==> flow/design.v <==
module cpu_data_mux_top #(
    parameter int WD = 4
) (
    input  logic sys_clk,
    input  logic enable,
    input  logic [WD-1:0] src0,
    input  logic [WD-1:0] src1,
    input  logic [WD-1:0] src2,
    input  logic [1:0] choose,
    output logic [WD-1:0] out
);
    logic [WD-1:0] src0_ff;
    logic [WD-1:0] src1_ff;
    logic [WD-1:0] src2_ff;
    logic [1:0] choose_ff;
    always_ff @(posedge sys_clk) begin
        if (enable) begin
            src0_ff <= src0;
            src1_ff <= src1;
            src2_ff <= src2;
            choose_ff <= choose;
        end
    end
    logic [WD-1:0] val;
    assign val =
        (choose_ff == 2'd0) ? src0_ff :
        (choose_ff == 2'd1) ? src1_ff :
        src2_ff;
    assign out = val;
endmodule
Wiki page: cpu_data_mux_top / tool data

---- Reports on cpu_data_mux_top ----
A sweep over "WD": the same steps for each member of the family.
The file above is the member WD 4. Line numbers count from 1 in each member's own file.
Cell names lack the library's common part.
Not given: n/a
set-up
  top ..................................... cpu_data_mux_top
  clock port .............................. sys_clk
  library ................................. sky130hd
  corner .................................. tt_025C_1v80

---- Source of the members ----
Lines of each other member's file that are new or changed against the file above; lines that a member lacks are not shown.
new or changed lines
  WD  line  text
  10  2     parameter int WD = 10
  16  2     parameter int WD = 16
  32  2     parameter int WD = 32
  48  2     parameter int WD = 48

---- Word-level counts ----
Counts by Yosys on the flattened word-level netlist (proc, flatten, opt, wreduce; memories kept). Register bits leave out memories and registers merged into their read ports (data or address); mux counts leave out enables and synchronous resets folded into registers. Print and check cells are left out. Cells with the same type and inputs are merged into one.
operators by class
  WD  $add $sub $neg  multipliers  div/mod/pow operators  order comparisons  eq/ne operators  shifts and indexed selects  multiplexer cells  bitwise logic cells  reductions and logical operators
  4   0               0            0                      0                  1                0                           2                  0                    1
  10  0               0            0                      0                  1                0                           2                  0                    1
  16  0               0            0                      0                  1                0                           2                  0                    1
  32  0               0            0                      0                  1                0                           2                  0                    1
  48  0               0            0                      0                  1                0                           2                  0                    1
operator list
  WD  kind and count
  4   two-way mux 4 bit: 2; equality test 2 x 1 -> 1 bit with constant B: 1; zero test 2 bit: 1
  10  two-way mux 10 bit: 2; equality test 2 x 1 -> 1 bit with constant B: 1; zero test 2 bit: 1
  16  two-way mux 16 bit: 2; equality test 2 x 1 -> 1 bit with constant B: 1; zero test 2 bit: 1
  32  two-way mux 32 bit: 2; equality test 2 x 1 -> 1 bit with constant B: 1; zero test 2 bit: 1
  48  two-way mux 48 bit: 2; equality test 2 x 1 -> 1 bit with constant B: 1; zero test 2 bit: 1
storage and ports
  WD  flip-flop bits (word level)  bits in latches  RAM bits  ROM bits  word width x clocked read ports  memories kept  bits of input ports  output and inout port bits  elaborated cells
  4   14                           0                0         0         0                                0              16                   4                           8
  10  32                           0                0         0         0                                0              34                   10                          8
  16  50                           0                0         0         0                                0              52                   16                          8
  32  98                           0                0         0         0                                0              100                  32                          8
  48  146                          0                0         0         0                                0              148                  48                          8

---- Depth ----
Yosys ltp: most cells in a row. Word level: on the elaborated netlist, between registers, memories and ports. Mapped: between sequential cells and ports; inverters and the memories' decode and read muxes count.
depth
  WD  depth in word-level cells  ABC_AREA  mapped depth  mapped depth without buffers
  4   3                          0         3             2
  10  3                          0         3             2
  16  3                          0         4             2
  32  3                          0         4             2
  48  3                          0         5             2

---- After synthesis ----
The flow's flattened synthesis, as Yosys stat reports it; memories are mapped. The netlist is that of the ABC_AREA named above (0 if unset); the other value can give another one.
Totals and module areas in this step are rounded.
synthesis totals
  WD  cells in the netlist  mapped area (um^2)  sequential part of the area (um^2)  flip-flop cells  buffer cells
  4   27                    507                 420                                 14               1
  10  65                    1170                961                                 32               3
  16  103                   1850                1500                                50               5
  32  205                   3660                2940                                98               11
  48  306                   5420                4380                                146              16
cells by type
  WD  types with counts
  4   edfxtp_1: 14; mux2i_1: 4; o21ai_1: 4; nand2_1: 4; buf_6: 1
  10  edfxtp_1: 32; mux2i_1: 10; o21ai_1: 9; nand2_1: 10; buf_6: 1; buf_2: 2; o21ai_2: 1
  16  edfxtp_1: 50; mux2i_1: 16; nand2_1: 16; o21ai_1: 10; o21ai_0: 6; buf_12: 1; buf_6: 1; clkbuf_1: 2; buf_2: 1
  32  edfxtp_1: 98; mux2i_1: 32; o21ai_1: 28; nand2_1: 32; buf_12: 3; buf_2: 7; o21ai_2: 2; buf_6: 1; o21ai_0: 2
  48  edfxtp_1: 146; mux2i_1: 48; nand2_1: 48; o21ai_0: 28; o21ai_1: 20; buf_12: 3; buf_6: 3; buf_2: 5; clkbuf_1: 5

---- Path before layout ----
Path of least setup slack by OpenSTA after synthesis, without wires, with an ideal clock, recovery checks aside; 20% of the period is set as input and as output delay. Where synthesis merged equal registers, the netlist keeps one of their names.
timing post-synthesis
  WD  path type           start                     end                  clock period (ns)  setup slack (ns)  stages  delay of the path (ns)  synthesis period reached (ns)
  4   register -> output  register (no name shown)  output port out[0]   1.25               0.202             4       0.798                   1.048
  10  register -> output  register (no name shown)  output port out[0]   1.29               0.204             4       0.828                   1.086
  16  register -> output  register (no name shown)  output port out[10]  1.49               0.236             5       0.956                   1.254
  32  register -> output  register (no name shown)  output port out[0]   1.49               0.237             5       0.955                   1.253
  48  register -> output  register (no name shown)  output port out[24]  1.69               0.273             6       1.079                   1.417
"delay of the path" = arrival - input delay + setup time.
A path that ends at an output port has no setup time.
"stages": output pins that drive a net of the path, with the launching flip-flop's if there is one; two outputs of one cell count as two.
"synthesis period reached" = period - worst setup slack (recovery checks aside). The figure is calculated, with input and output delays left at 20% of the set period.
The rows between start and end are the longest chain of elaborated cells between them; the timing report does not say that the signal goes this way. Where chains are equally long, one stands for them.
Each line given opens the expression or statement behind the cell; cells for indexed reads and writes are added by Yosys, which also makes memories of some case tables.
on the way, post-synthesis, WD 4
  length of the longest elaborated chain .. 3
ends and longest elaborated chain, post-synthesis, WD 4
  what                          line  text
  from (decl)                   15
  from (assign)                 21
  equality test 2 x 1 -> 1 bit  27
  two-way mux 4 bit             27
  two-way mux 4 bit             26
  to (decl)                     10    output logic [WD-1:0] out
on the way, post-synthesis, WD 48
  length of the longest elaborated chain .. 3
ends and longest elaborated chain, post-synthesis, WD 48
  what                          line  text
  from (decl)                   15
  from (assign)                 21
  equality test 2 x 1 -> 1 bit  27
  two-way mux 48 bit            27
  two-way mux 48 bit            26
  to (decl)                     10    output logic [WD-1:0] out

---- Path in the finished layout ----
Path of least setup slack in the final report of each member's run (OpenROAD, finished layout, wires in). Where an end is a register, its clock arrival counts in the times.
timing after layout
  WD  path type           start                     end                  clock period (ns)  setup slack (ns)  stages  arrival time (ns)  buffers on the path
  4   register -> output  register (no name shown)  output port out[0]   1.25               -0.31             6       1.31               3
  10  register -> output  register (no name shown)  output port out[0]   1.29               -0.27             5       1.30               2
  16  register -> output  register (no name shown)  output port out[15]  1.49               -0.14             5       1.33               2
  32  register -> output  register (no name shown)  output port out[28]  1.49               -0.28             5       1.47               2
  48  register -> output  register (no name shown)  output port out[33]  1.69               -0.33             7       1.69               4

---- Measured runs ----
One run of the flow (Yosys, OpenROAD) for each member, with settings and measured results. Input and output delays are each 20% of the period that was set; the output load is 0.01 pF.
flow settings
  CAP_MARGIN .............................. 20
  CORE_MARGIN ............................. 2
  CORE_UTILIZATION ........................ 40
  SLEW_MARGIN ............................. 20
settings by member
  WD  period_ns
  4   1.25
  10  1.29
  16  1.49
  32  1.49
  48  1.69
measured results
  WD  netlist area reported by Yosys (um^2)  total die area (um^2)  standard-cell area of the final layout (um^2)  utilization in the final report (%)  lowest setup slack (ns)  sum of negative setup slack (ns)  worst hold slack in the final report (ns)  power consumption (mW)  clock period achieved (ns)
  4   507                                    1570                   793                                            69.5                                 -0.310                   -0.971                            0.532                                      0.960                   1.560
  10  1170                                   3380                   1690                                           60.6                                 -0.271                   -2.32                             0.496                                      2.05                    1.561
  16  1850                                   5170                   2660                                           60.1                                 -0.140                   -1.66                             0.503                                      3.17                    1.630
  32  3660                                   9920                   5150                                           58.5                                 -0.275                   -7.12                             0.405                                      5.63                    1.765
  48  5420                                   14500                  8290                                           62.6                                 -0.333                   -11.7                             0.304                                      9.32                    2.023
"clock period achieved" = clock period - worst setup slack. The figure is calculated, with input and output delays left at 20% of the set period.
"power consumption" rests on the timing tool's default activity at the inputs, not on a simulated workload.
Values from the reports are rounded here.
